==> flow/design.v <==
module gen_mag_cmp #(
    parameter W = 80
) (
    input  i_clk,
    input  rstn,
    input  [W-1:0] opa,
    input  [W-1:0] opb,
    output reg greater,
    output reg match
);
    localparam NB = W / 4;
    wire [NB:0] g;
    wire [NB:0] e;
    assign g[0] = 1'b0;
    assign e[0] = 1'b1;
    genvar gi;
    generate
        for (gi = 0; gi < NB; gi = gi + 1) begin : gen
            cmp4 u0 (.a(opa[4*gi +: 4]), .b(opb[4*gi +: 4]), .gi(g[gi]), .ei(e[gi]), .go(g[gi+1]), .eo(e[gi+1]));
        end
    endgenerate
    always @(posedge i_clk or negedge rstn) begin
        if (~rstn) begin
            greater <= 1'b0;
            match <= 1'b0;
        end else begin
            greater <= g[NB];
            match <= e[NB];
        end
    end
endmodule
module cmp4 (
    input wire [3:0] a,
    input wire [3:0] b,
    input wire gi,
    input wire ei,
    output wire go,
    output wire eo
);
    assign go = (a > b) | ((a == b) & gi);
    assign eo = (a == b) & ei;
endmodule
-- Tool chain data of gen_mag_cmp
The steps from the RTL of gen_mag_cmp to its reports follow in flow order.
Line numbers count from 1 in the design file above.
Operators: Yosys type, input widths -> output width; for muxes data width and select width s.
Library cell names are shortened.
The mark - stands for no value.
- top module: gen_mag_cmp
- clock: i_clk
- cell library: sky130hd
- timing corner: tt_025C_1v80

-- Elaborated design
Yosys after proc, flatten, opt, wreduce and memory -nomap, before mapping. Enables and synchronous resets that opt folds into registers are not counted as muxes. Memory bits, and registers merged into a memory's read port (data or address), are not among the register bits. Print and check cells are not counted. Equal cells are merged and count once.
- $lt $le $gt $ge: 20
- eq/ne operators: 20
- bitwise gates (word level) at 57
- operators with widths (cell ; number):
    $gt 4x4->1 ; 20
    $eq 4x4->1 ; 20
    $and 1x1->1 ; 38
    $or 1x1->1 ; 19
- flip-flop bits (word level): 2
- bits of input ports at 162
- output and inout bits: 2
- word-level cells at 99

-- Depth
Yosys ltp: most cells in a row. Word level: on the elaborated netlist, between registers, memories and ports. Mapped: between sequential cells and ports; inverters and the memories' decode and read muxes count.
- depth in word-level cells at 39
- ABC_AREA: 0
- gate-level depth with buffers: 8
- gate-level depth less buffers at 8

-- After synthesis
The flow's flattened synthesis, as Yosys stat reports it; memories are mapped. The netlist is that of the ABC_AREA named above (0 if unset); the other value can give another one.
The area totals of this step are shown rounded.
- cells by type (cell ; number ; area in all (sq um)):
    ha_1 ; 80 ; 1000.96
    inv_1 ; 85 ; 319.056
    nand4_1 ; 16 ; 100.096
    a21oi_1 ; 18 ; 90.086
    nand2b_1 ; 11 ; 68.816
    o21ai_0 ; 11 ; 55.053
    o211ai_1 ; 7 ; 52.55
    dfrtp_1 ; 2 ; 50.048
    nor2b_1 ; 7 ; 43.792
    nor2_1 ; 11 ; 41.29
    nand3_1 ; 8 ; 40.038
    a211oi_1 ; 3 ; 22.522
    a21o_1 ; 3 ; 22.522
    a221o_1 ; 2 ; 20.019
    and3_1 ; 3 ; 18.768
    nand2_1 ; 5 ; 18.768
    nor4_1 ; 3 ; 18.768
    a211o_1 ; 2 ; 17.517
Other cell types: 22; their cells: 29.
- mapped cells at 306
- noted cell area after synthesis: 0.00224 sq mm
- noted mapped flip-flops: 2
- noted buffers: 0
The figures by module come from a second, unflattened synthesis with its own total; it is not the netlist above.
- cells (unflattened synthesis): 324
- area total of the unflattened synthesis: 0.00221 sq mm
Each row is one instance without its submodules.
- modules (module ; times used ; cells ; area (sq mm) ; sequential area (sq mm)):
    cmp4 ; 20 ; 16 ; 0.000108 ; 0
    gen_mag_cmp ; 1 ; 4 ; 0.0000576 ; 0.00005

-- Worst setup path after synthesis
OpenSTA on the mapped netlist: ideal clock, no wires. The path of least setup slack (recovery checks aside). Input and output delay are each 20% of the period. Register names are those of the netlist, which keeps one name where synthesis merged equal registers.
- kind: input -> register
- start point: in opb[2]
- end point: reg greater
- noted clock period: 2.8 ns
- input delay at 0.560 ns
- data arrival time: 2.225 ns
- required time: 2.670 ns
- noted slack: 0.445 ns
- noted path delay: 1.795 ns
- noted driving pins on the path: 8
- path buffers at 0
- synthesis period reached: 2.355 ns
"path delay" = arrival - input delay + setup time.
"driving pins on the path": output pins that drive a net of the path, with the launching flip-flop's if there is one; two outputs of one cell count as two.
"synthesis period reached" = period - worst setup slack (recovery checks aside). The figure is calculated, with input and output delays left at 20% of the set period.
Between the ends stands the longest chain of elaborated cells between them, by number of cells; it is not shown to be the way that was timed. Of several equally long chains one is given.
A line is the first line of the expression or statement that the cell stems from. Yosys adds cells for indexed reads and writes and turns some case tables into memories.
- cells stage by stage: inv_1 ha_1 nand3_1 mux2_4 a211o_1 a311o_1 a2111oi_2 o21ai_1
- noted cells in the longest elaborated chain: 39
- elaborated cells between the ends (all ways) at 39
- those cells by class: compare: 1; logic: 38
- ends and longest elaborated chain, post-synthesis (what ; line ; text):
    start, declared ; 7 ; input  [W-1:0] opb,
    $gt 4x4->1 ; 40 ; assign go = (a > b) | ((a == b) & gi);
    $and 1x1->1 ; 40 ;
    $or 1x1->1 ; 40 ;
    $and 1x1->1 ; 40 ;
    $or 1x1->1 ; 40 ;
    $and 1x1->1 ; 40 ;
    $or 1x1->1 ; 40 ;
    (+25 left out) ; - ;
    $or 1x1->1 ; 40 ;
    $and 1x1->1 ; 40 ;
    $or 1x1->1 ; 40 ;
    $and 1x1->1 ; 40 ;
    $or 1x1->1 ; 40 ;
    $and 1x1->1 ; 40 ;
    $or 1x1->1 ; 40 ;
    end, assigned ; 24 ; greater <= 1'b0;
    end, assigned ; 27 ; greater <= g[NB];
    end, declared ; 8 ; output reg greater,

-- Path in the finished layout
From the final timing report of run A: the path of least setup slack in the routed layout; clock arrival at registers is part of the times.
- kind: input -> register
- start point: in opb[2]
- end point: reg greater
- noted clock period: 3.71 ns
- input delay at 0.74 ns
- data arrival time: 3.02 ns
- required time: 3.80 ns
- noted slack: 0.77 ns
- noted driving pins on the path: 9
- path buffers at 1
Between the ends stands the longest chain of elaborated cells between them, by number of cells; it is not shown to be the way that was timed. Of several equally long chains one is given.
- cells stage by stage: clkdlybuf4s50_1 inv_1 ha_1 nand3_1 mux2_4 a211o_1 a311o_1 a2111oi_2 o21ai_1
- noted cells in the longest elaborated chain: 39
- elaborated cells between the ends (all ways) at 39
- those cells by class: compare: 1; logic: 38
- ends and longest elaborated chain, post-layout (what ; line ; text):
    start, declared ; 7 ; input  [W-1:0] opb,
    $gt 4x4->1 ; 40 ; assign go = (a > b) | ((a == b) & gi);
    $and 1x1->1 ; 40 ;
    $or 1x1->1 ; 40 ;
    $and 1x1->1 ; 40 ;
    $or 1x1->1 ; 40 ;
    $and 1x1->1 ; 40 ;
    $or 1x1->1 ; 40 ;
    (+25 left out) ; - ;
    $or 1x1->1 ; 40 ;
    $and 1x1->1 ; 40 ;
    $or 1x1->1 ; 40 ;
    $and 1x1->1 ; 40 ;
    $or 1x1->1 ; 40 ;
    $and 1x1->1 ; 40 ;
    $or 1x1->1 ; 40 ;
    end, assigned ; 24 ; greater <= 1'b0;
    end, assigned ; 27 ; greater <= g[NB];
    end, declared ; 8 ; output reg greater,

Top module gen_mag_cmp; platform sky130hd; tools Yosys and OpenROAD; 3 stored runs in no particular order. Input and output delays are each 20% of the period that was set; the output load is 0.01 pF.
"achieved period" = clock period - worst setup slack. The figure is calculated, with input and output delays left at 20% of the set period.
"time of the worst setup path": the worst setup path's part of the clock period (all of it between registers, 20% less for each end at a port) less its slack. A launch clock that arrives late makes it longer, a capture clock that arrives late makes it shorter.
"total power of the final layout" rests on the timing tool's default activity at the inputs, not on a simulated workload.
Measured values are rounded.

Run A

==> flow/run.sh <==
#!/bin/bash
# the make line also repeats the synthesis and layout settings of config.mk as NAME=value (left out here)
make -C /OpenROAD-flow-scripts/flow DESIGN_CONFIG=/design/flow/config.mk WORK_HOME=/design/flow/orfs CLKGATE_MAP_FILE= finish
==> flow/config.mk <==
export PLATFORM = sky130hd
export DESIGN_NAME = gen_mag_cmp
export DESIGN_NICKNAME = gen_mag_cmp
export VERILOG_FILES = /design/flow/design.v
export SDC_FILE = /design/flow/constraint.sdc
export NUM_CORES = 4
export LEC_CHECK = 0
export CAP_MARGIN = 35
export CORE_MARGIN = 2
export CORE_UTILIZATION = 45
export CTS_CLUSTER_DIAMETER = 53
export GPL_ROUTABILITY_DRIVEN = 0
export MAX_ROUTING_LAYER = met4
export MIN_ROUTING_LAYER = met1
export PLACE_DENSITY_LB_ADDON = 0.22
export SLEW_MARGIN = 5
==> flow/constraint.sdc <==
create_clock -name core_clock -period 3.71 [get_ports {i_clk}]
set_input_delay 0.7420 -clock core_clock [delete_from_list [all_inputs] [get_ports {i_clk}]]
set_output_delay 0.7420 -clock core_clock [all_outputs]
set_load 0.01 [all_outputs]

Measured in run A:
- chip area after synthesis (Yosys): 0.00224 sq mm
- total negative setup slack at 0.000 ns
- area inside the die boundary: 0.00555 sq mm
- time of the worst setup path at 2.19 ns
- kind of the worst setup path: input -> register
- achieved period at 2.936 ns
- standard-cell area of the final layout: 0.00399 sq mm
- noted the utilization of the finished layout: 0.84
- setup slack of the worst path: 0.774 ns
- total power of the final layout: 0.508 mW

Run B

==> flow/run.sh <==
#!/bin/bash
# the make line also repeats the synthesis and layout settings of config.mk as NAME=value (left out here)
make -C /OpenROAD-flow-scripts/flow DESIGN_CONFIG=/design/flow/config.mk WORK_HOME=/design/flow/orfs CLKGATE_MAP_FILE= finish
==> flow/config.mk <==
export PLATFORM = sky130hd
export DESIGN_NAME = gen_mag_cmp
export DESIGN_NICKNAME = gen_mag_cmp
export VERILOG_FILES = /design/flow/design.v
export SDC_FILE = /design/flow/constraint.sdc
export NUM_CORES = 4
export LEC_CHECK = 0
export CAP_MARGIN = 20
export CORE_MARGIN = 2
export CORE_UTILIZATION = 40
export SLEW_MARGIN = 20
==> flow/constraint.sdc <==
create_clock -name core_clock -period 2.8 [get_ports {i_clk}]
set_input_delay 0.5600 -clock core_clock [delete_from_list [all_inputs] [get_ports {i_clk}]]
set_output_delay 0.5600 -clock core_clock [all_outputs]
set_load 0.01 [all_outputs]

Measured in run B:
- chip area after synthesis (Yosys): 0.00224 sq mm
- total negative setup slack at 0.000 ns
- area inside the die boundary: 0.00621 sq mm
- time of the worst setup path at 2.08 ns
- kind of the worst setup path: input -> register
- achieved period at 2.638 ns
- standard-cell area of the final layout: 0.00404 sq mm
- noted the utilization of the finished layout: 0.743
- setup slack of the worst path: 0.162 ns
- total power of the final layout: 0.663 mW

Run C

==> flow/run.sh <==
#!/bin/bash
# the make line also repeats the synthesis and layout settings of config.mk as NAME=value (left out here)
make -C /OpenROAD-flow-scripts/flow DESIGN_CONFIG=/design/flow/config.mk WORK_HOME=/design/flow/orfs CLKGATE_MAP_FILE= finish
==> flow/config.mk <==
export PLATFORM = sky130hd
export DESIGN_NAME = gen_mag_cmp
export DESIGN_NICKNAME = gen_mag_cmp
export VERILOG_FILES = /design/flow/design.v
export SDC_FILE = /design/flow/constraint.sdc
export NUM_CORES = 4
export LEC_CHECK = 0
export ABC_AREA = 0
export CAP_MARGIN = 5
export CELL_PAD_IN_SITES_DETAIL_PLACEMENT = 1
export CORE_MARGIN = 4
export CORE_UTILIZATION = 55
export GPL_ROUTABILITY_DRIVEN = 0
export MAX_ROUTING_LAYER = met5
export MIN_ROUTING_LAYER = met1
export PLACE_DENSITY_LB_ADDON = 0.13
export SLEW_MARGIN = 40
==> flow/constraint.sdc <==
create_clock -name core_clock -period 2.62 [get_ports {i_clk}]
set_input_delay 0.5240 -clock core_clock [delete_from_list [all_inputs] [get_ports {i_clk}]]
set_output_delay 0.5240 -clock core_clock [all_outputs]
set_load 0.01 [all_outputs]

Run C: no final report: placement broke off with FLW-0024.
